==> flow/design.v <==
module cpu_sel_unit #(
   parameter XLEN = 2,
   parameter LANES = 16,
   parameter SEL_WIDTH = $clog2(LANES)
) (
   input wire clk_i,
   input wire RSTN,
   input wire enable,
   input wire [LANES*XLEN-1:0] d_in,
   input wire [SEL_WIDTH-1:0] choose_in,
   output wire [XLEN-1:0] y_out
);
   reg [LANES*XLEN-1:0] d_ff;
   always @(posedge clk_i or negedge RSTN) begin
      if (~RSTN) begin
         d_ff <= 0;
      end else if (enable) begin
         d_ff <= d_in;
      end
   end
   reg [SEL_WIDTH-1:0] choose_ff;
   always @(posedge clk_i or negedge RSTN) begin
      if (~RSTN) begin
         choose_ff <= 0;
      end else if (enable) begin
         choose_ff <= choose_in;
      end
   end
   wire [XLEN-1:0] node [1:2*LANES-1];
   genvar i;
   generate
      for (i = 0; i < LANES; i = i + 1) begin : row
         assign node[LANES+i] = d_ff[i*XLEN +: XLEN];
      end
      for (i = 1; i < LANES; i = i + 1) begin : g_bit
         assign node[i] = choose_ff[SEL_WIDTH - $clog2(i+1)] ? node[2*i+1] : node[2*i];
      end
   endgenerate
   assign y_out = node[1];
endmodule
# Step by step through the tools: cpu_sel_unit
# Tool output for the design above, in the order of the flow.
# Line numbers count from 1 in the design file above.
# Operators carry their Yosys type and port widths (W data, S select, Z words).
# Cell names lack the library's common part.
# A cell with n/a has no value.
# setup
top_module	cpu_sel_unit
clock	clk_i
lib	sky130hd
lib_corner	tt_025C_1v80

# Elaborated design
# Counts by Yosys on the flattened word-level netlist (proc, flatten, opt, wreduce). Print and check cells are left out. Cells with the same type and inputs are merged into one.
# classes
muxes	15
# op_table
cell	count
$mux W2	15
# bits
word_cells	17
output_inout_bits	2
regBits	36
input_bits	39

# Depth
# Depth = most cells in a row (Yosys ltp): at word level without a register or memory, in the mapped netlist without a sequential cell, where the memories' decode and read muxes count.
# logic_depth
ltp_word	4
abc_area	0
depth_mapped	4

# Netlist
# Yosys stat after the flow's synthesis: flattened, memories mapped to cells. It holds for the ABC_AREA given above (unset counts as 0); a run with the other value may have another netlist.
# by_type
cell	count
dfrtp_1	36
mux2_2	36
mux4_1	4
mux4_2	4
buf_2	4
nand3_1	4
a22oi_1	2
nor2b_1	2
buf_6	1
nand2_1	2
clkbuf_1	1
nor2_1	1
# mapped
cells	97
seqArea_um2	900.9
area_um2	1595.3
ff_cells	36

# Worst setup path after synthesis
# OpenSTA on the mapped netlist: ideal clock, no wires. The path of least setup slack (recovery checks aside). Input and output delay are each 20% of the period. Register names are those of the netlist, which keeps one name where synthesis merged equal registers.
# synth_timing
path_kind	register to output
from	register (name not given)
to	output port y_out[1]
path_delay_ps	1268
required_ps	1584
launch_ps	0
stages	5
clock_period_ps	1980
arrival_time_ps	1268
slack_ps	316
output_delay_ps	396
synth_period_reached_ps	1664
# "path_delay_ps" is the arrival time less input delay plus setup time.
# A path that ends at an output port has no setup time.
# "stages" counts driving pins, that of a launching flip-flop among them; a cell with two outputs on the path counts twice.
# "synth_period_reached_ps" is the clock period less the worst setup slack; recovery checks do not enter. This is arithmetic on one report: input and output delays are still those of the set period (20% each).
# The rows between start and end are the longest chain of elaborated cells between them; the timing report does not say that the signal goes this way. Where chains are equally long, one stands for them.
# A line is the first line of the expression or statement that the cell stems from. Yosys adds cells for indexed reads and writes and turns some case tables into memories.
# synth_between
path_cell_list	dfrtp_1 -> buf_6 -> mux4_2 -> a22oi_1 -> nand3_1
elab_chain_cells	4
cone_cells	15
lines_between	1
cone_classes	15 x mux
# synth_rtl
item	line_no	source
start, declared	21
start, assigned	24
start, assigned	26
$mux W2 (4 in a row)	36
end, declared	11	output wire [XLEN-1:0] y_out

# Worst path after layout
# From the final timing report of job 1: the path of least setup slack in the routed layout; clock arrival at registers is part of the times.
# The path's times are printed in steps of 10 ps; the period is the one set.
# layout_timing
path_kind	register to output
from	register (name not given)
to	output port y_out[0]
clock_period_ps	1980
stages	6
arrival_time_ps	1710
launch_ps	280
required_ps	1580
output_delay_ps	400
slack_ps	-130
# The rows between start and end are the longest chain of elaborated cells between them; the timing report does not say that the signal goes this way. Where chains are equally long, one stands for them.
# layout_between
path_cell_list	dfrtp_1 -> buf_6 -> mux4_2 -> a22oi_2 -> nand3_1 -> buf_2
elab_chain_cells	4
cone_cells	15
lines_between	1
cone_classes	15 x mux
# layout_rtl
item	line_no	source
start, declared	21
start, assigned	24
start, assigned	26
$mux W2 (4 in a row)	36
end, declared	11	output wire [XLEN-1:0] y_out

--- measured runs ---
Measured data: module cpu_sel_unit, platform sky130hd, 3 stored runs of the flow under differing settings, order arbitrary. Input and output delays are each 20% of the period that was set; the output load is 0.01 pF.
By "achievedPeriod_ps" is meant the clock period of the run minus its worst setup slack. This is arithmetic on one report: input and output delays are still those of the set period (20% each).
"worst_path_allowed_less_slack_ps" means the part of the period allowed to the worst setup path (the constraints hold back 20% at inputs and 20% at outputs) less its slack; where the path has registers, the arrival times of their clocks count too.
"fin_power_w" is the tool's figure for a default switching activity; nothing was simulated.
"worst_path_allowed_less_slack_ps" is given in steps of 10 ps.

Job 1, flow files:
==> flow/run.sh <==
#!/bin/bash
# the make line also repeats the synthesis and layout settings of config.mk as NAME=value (left out here)
make -C /OpenROAD-flow-scripts/flow DESIGN_CONFIG=/design/flow/config.mk WORK_HOME=/design/flow/orfs CLKGATE_MAP_FILE= finish
==> flow/config.mk <==
export PLATFORM = sky130hd
export DESIGN_NAME = cpu_sel_unit
export DESIGN_NICKNAME = cpu_sel_unit
export VERILOG_FILES = /design/flow/design.v
export SDC_FILE = /design/flow/constraint.sdc
export NUM_CORES = 4
export LEC_CHECK = 0
export CAP_MARGIN = 20
export CORE_MARGIN = 2
export CORE_UTILIZATION = 40
export SLEW_MARGIN = 20
==> flow/constraint.sdc <==
create_clock -name core_clock -period 1.98 [get_ports {clk_i}]
set_input_delay 0.3960 -clock core_clock [delete_from_list [all_inputs] [get_ports {clk_i}]]
set_output_delay 0.3960 -clock core_clock [all_outputs]
set_load 0.01 [all_outputs]

==> results of job 1, as CSV <==
result,value
worst_path_allowed_less_slack_ps,1710
path_kind,"register to output"
die_um2,4509.1
ys_area_um2,1595.3
fin_power_w,0.001716
final_setup_ws_ps,-128
util_pct,58.3
achievedPeriod_ps,2108

Job 2, flow files:
==> flow/run.sh <==
#!/bin/bash
# the make line also repeats the synthesis and layout settings of config.mk as NAME=value (left out here)
make -C /OpenROAD-flow-scripts/flow DESIGN_CONFIG=/design/flow/config.mk WORK_HOME=/design/flow/orfs CLKGATE_MAP_FILE= finish
==> flow/config.mk <==
export PLATFORM = sky130hd
export DESIGN_NAME = cpu_sel_unit
export DESIGN_NICKNAME = cpu_sel_unit
export VERILOG_FILES = /design/flow/design.v
export SDC_FILE = /design/flow/constraint.sdc
export NUM_CORES = 4
export LEC_CHECK = 0
export ABC_AREA = 1
export CAP_MARGIN = 25
export CELL_PAD_IN_SITES_DETAIL_PLACEMENT = 0
export CORE_MARGIN = 2
export CORE_UTILIZATION = 67
export CTS_CLUSTER_SIZE = 91
export MAX_ROUTING_LAYER = met4
export PLACE_DENSITY_LB_ADDON = 0.08
export SETUP_SLACK_MARGIN = 0.01
export SLEW_MARGIN = 20
==> flow/constraint.sdc <==
create_clock -name core_clock -period 1.08 [get_ports {clk_i}]
set_input_delay 0.2160 -clock core_clock [delete_from_list [all_inputs] [get_ports {clk_i}]]
set_output_delay 0.2160 -clock core_clock [all_outputs]
set_load 0.01 [all_outputs]

Job 2: unfinished; error DPL-0038 in clock tree synthesis

Job 3, flow files:
==> flow/run.sh <==
#!/bin/bash
# the make line also repeats the synthesis and layout settings of config.mk as NAME=value (left out here)
make -C /OpenROAD-flow-scripts/flow DESIGN_CONFIG=/design/flow/config.mk WORK_HOME=/design/flow/orfs CLKGATE_MAP_FILE= finish
==> flow/config.mk <==
export PLATFORM = sky130hd
export DESIGN_NAME = cpu_sel_unit
export DESIGN_NICKNAME = cpu_sel_unit
export VERILOG_FILES = /design/flow/design.v
export SDC_FILE = /design/flow/constraint.sdc
export NUM_CORES = 4
export LEC_CHECK = 0
export CAP_MARGIN = 20
export CELL_PAD_IN_SITES_GLOBAL_PLACEMENT = 0
export CORE_MARGIN = 10
export CORE_UTILIZATION = 21
export CTS_CLUSTER_SIZE = 95
export GPL_TIMING_DRIVEN = 1
export PLACE_DENSITY_LB_ADDON = 0.19
export SLEW_MARGIN = 0
==> flow/constraint.sdc <==
create_clock -name core_clock -period 1.4 [get_ports {clk_i}]
set_input_delay 0.2800 -clock core_clock [delete_from_list [all_inputs] [get_ports {clk_i}]]
set_output_delay 0.2800 -clock core_clock [all_outputs]
set_load 0.01 [all_outputs]

==> results of job 3, as CSV <==
result,value
worst_path_allowed_less_slack_ps,1780
path_kind,"register to output"
die_um2,11483.3
ys_area_um2,1595.3
fin_power_w,0.002357
final_setup_ws_ps,-659
util_pct,31.4
achievedPeriod_ps,2059
--- end ---
